==> flow/design.v <==
module my_add_p #(
    parameter DW = 16,
    parameter INPUTS = 3,
    parameter SUM_W = DW + $clog2(INPUTS)
) (
    input logic core_clk,
    input logic rst_n,
    input logic ce,
    input logic [INPUTS*DW-1:0] bus,
    output logic [SUM_W-1:0] sum
);
    logic [SUM_W-1:0] work;
    always_comb begin
        work = '0;
        for (int idx = 0; idx < INPUTS; idx++)
            work = work + bus[idx*DW +: DW];
    end
    logic [SUM_W-1:0] sum_r;
    always_ff @(posedge core_clk or negedge rst_n) begin
        if (!rst_n) begin
            sum_r <= '0;
        end else if (ce) begin
            sum_r <= work;
        end
    end
    assign sum = sum_r;
endmodule
From RTL to reports: my_add_p
The steps from the RTL of my_add_p to its reports follow in flow order. Lines are those of the file above, counted from 1. Operators: Yosys type, input widths -> output width; for muxes data width and select width s. Cell names lack the library's common part. The mark n/a stands for no value.

Top: my_add_p. Clock port: core_clk. Standard-cell library: sky130hd. Corner: tt_025C_1v80.

After elaboration
Source: Yosys, flattened and elaborated, memories not mapped. Widths are those after wreduce; folded enables and synchronous resets count as part of the registers. Registers that Yosys merges into a memory's read port (data or address) are not register bits. Print and check cells do not count. Equal cells are merged and count once.

For input bits the number is 51. The figure for output and inout port bits is 18. Word-level cells: 3. The entry for bits in registers reads 18.

Under $add $sub $neg stands 2.

Operators with widths (number): $add 17x16->18 (1); $add 16x16->17 (1).

Logic depth
Depth = most cells in a row (Yosys ltp): at word level without a register or memory, in the mapped netlist without a sequential cell, where the memories' decode and read muxes count.

The figure for word-level depth is 2. Under ABC_AREA stands 0. Under gate-level depth with buffers stands 10. Under mapped depth without buffers stands 10.

Synthesis result
Yosys stat after the flow's synthesis: flattened, memories mapped to cells. It holds for the ABC_AREA given above (unset counts as 0); a run with the other value may have another netlist.

Cell types: dfrtp_1 (number 18, area in all 450.432 um^2); fa_1 (number 17, area in all 340.326 um^2); ha_1 (number 15, area in all 187.68 um^2); a21oi_1 (number 14, area in all 70.067 um^2); mux2_2 (number 6, area in all 67.565 um^2); nand2_1 (number 15, area in all 56.304 um^2); o21a_1 (number 6, area in all 45.043 um^2); o21ai_0 (number 9, area in all 45.043 um^2); xnor2_1 (number 5, area in all 43.792 um^2); a21o_1 (number 5, area in all 37.536 um^2); inv_1 (number 10, area in all 37.536 um^2); nand4_1 (number 6, area in all 37.536 um^2); o311ai_0 (number 4, area in all 35.034 um^2); and3_1 (number 5, area in all 31.28 um^2); nor2_1 (number 7, area in all 26.275 um^2); nand3_1 (number 5, area in all 25.024 um^2); a211oi_1 (number 3, area in all 22.522 um^2); o211ai_1 (number 3, area in all 22.522 um^2).

Not listed: further types 29, cells in them 43.

For synthesis area the number is 1900.6 um^2. For cells in the netlist the number is 196. The entry for area of sequential cells reads 450.4 um^2. Mapped flip-flops: 18. The figure for buffer cells is 9.

Path before layout
Source: OpenSTA report_checks on the synthesized netlist (no wires, ideal clock, input and output delay 20% of the period each), path of least setup slack; recovery checks are left aside. Register names are those of the netlist, which keeps one name where synthesis merged equal registers.

Path kind: input to register. From: in bus[1]. To: reg sum_r[9]. The figure for path buffers is 0. The figure for clock period is 3680 ps. The entry for external input delay reads 736 ps. For time at the first pin the number is 736 ps. For path delay the number is 2358 ps. The entry for arrival reads 2963 ps. The figure for stages on the path is 8. Library setup time: 131 ps. For required time the number is 3549 ps. Under slack stands 586 ps. The entry for synthesis period reached reads 3094 ps.

"path delay" = arrival - input delay + setup time. "stages on the path": output pins that drive a net of the path, with the launching flip-flop's if there is one; two outputs of one cell count as two. "synthesis period reached" = period - worst setup slack (recovery checks aside). The figure is calculated, with input and output delays left at 20% of the set period. The rows between start and end are the longest chain of elaborated cells between them; the timing report does not say that the signal goes this way. Where chains are equally long, one stands for them. A line is the first line of the expression or statement that the cell stems from. Yosys adds cells for indexed reads and writes and turns some case tables into memories.

Path through: fa_1 ha_1 fa_1 a21o_1 a221o_1 a21oi_1 nor4b_1 or3_1. The figure for length of the longest elaborated chain is 2. For elaborated cells on any way between the ends the number is 2. The entry for source lines of those cells reads 1. Classes of those cells: add/sub (2).

RTL lines, path after synthesis: start: declaration (RTL line 9) `input logic [INPUTS*DW-1:0] bus,`; $add 16x16->17 (RTL line 16) `work = work + bus[idx*DW +: DW];`; $add 17x16->18 (RTL line 16); end: assignment (RTL line 21) `sum_r <= '0;`; end: assignment (RTL line 23) `sum_r <= work;`; end: declaration (RTL line 18) `logic [SUM_W-1:0] sum_r;`.

Timing after layout
Path of least setup slack in the final report of run A (OpenROAD, finished layout, wires in). Where an end is a register, its clock arrival counts in the times. The path's times are printed in steps of 10 ps; the period is the one set.

Path kind: input to register. From: in bus[1]. To: reg sum_r[9]. The entry for external input delay reads 740 ps. For time at the first pin the number is 740 ps. Library setup time: 110 ps. The figure for path buffers is 1. The figure for clock period is 3680 ps. The entry for arrival reads 3520 ps. For required time the number is 3820 ps. The figure for stages on the path is 9. Under slack stands 310 ps.

The rows between start and end are the longest chain of elaborated cells between them; the timing report does not say that the signal goes this way. Where chains are equally long, one stands for them.

Path through: clkdlybuf4s50_1 fa_1 ha_1 fa_1 a21o_1 a221o_1 a21oi_1 nor4b_1 or3_1. The figure for length of the longest elaborated chain is 2. For elaborated cells on any way between the ends the number is 2. The entry for source lines of those cells reads 1. Classes of those cells: add/sub (2).

RTL lines, path post-layout: start: declaration (RTL line 9) `input logic [INPUTS*DW-1:0] bus,`; $add 16x16->17 (RTL line 16) `work = work + bus[idx*DW +: DW];`; $add 17x16->18 (RTL line 16); end: assignment (RTL line 21) `sum_r <= '0;`; end: assignment (RTL line 23) `sum_r <= work;`; end: declaration (RTL line 18) `logic [SUM_W-1:0] sum_r;`.

Subject: flow runs of my_add_p

Hi,

3 stored runs of my_add_p in the flow (synthesis by Yosys, layout by OpenROAD, sky130hd cells), in arbitrary order. Constraints: input delay and output delay 20% of the set period each, output load 0.01 pF.

Run A has these settings: period_ns 3.68; CAP_MARGIN 20; CORE_MARGIN 2; CORE_UTILIZATION 40; SLEW_MARGIN 20. The area of the synthesized netlist stands at 1,900.6 um^2. The measured die size is 5,318.8 um^2. The standard-cell area of the final layout stands at 2,687.6 um^2. The utilization in the final report comes to 57.7 %. The measured worst slack on setup checks is 309 ps. For the setup TNS the run shows 0 ps.

Run B has these settings: period_ns 3.58; CORE_UTILIZATION 44; SETUP_SLACK_MARGIN 0.64; PLACE_DENSITY_LB_ADDON 0.28; CELL_PAD_IN_SITES_GLOBAL_PLACEMENT 0; GPL_TIMING_DRIVEN 1; CTS_CLUSTER_SIZE 28; CTS_CLUSTER_DIAMETER 132; MIN_ROUTING_LAYER met2; CAP_MARGIN 20; CORE_MARGIN 2; SLEW_MARGIN 20. The area of the synthesized netlist stands at 1,900.6 um^2. The measured die size is 4,860.9 um^2. The standard-cell area of the final layout stands at 2,946.6 um^2. The utilization in the final report comes to 72.1 %. The measured worst slack on setup checks is 606 ps. For the setup TNS the run shows 0 ps.

Run C has these settings: period_ns 3.8; CORE_UTILIZATION 57; SETUP_SLACK_MARGIN 1.05; CORE_MARGIN 6; TNS_END_PERCENT 25; GPL_TIMING_DRIVEN 0; SLEW_MARGIN 15; CAP_MARGIN 20. Outcome: unfinished; error DPL-0038 in routing.

Regards
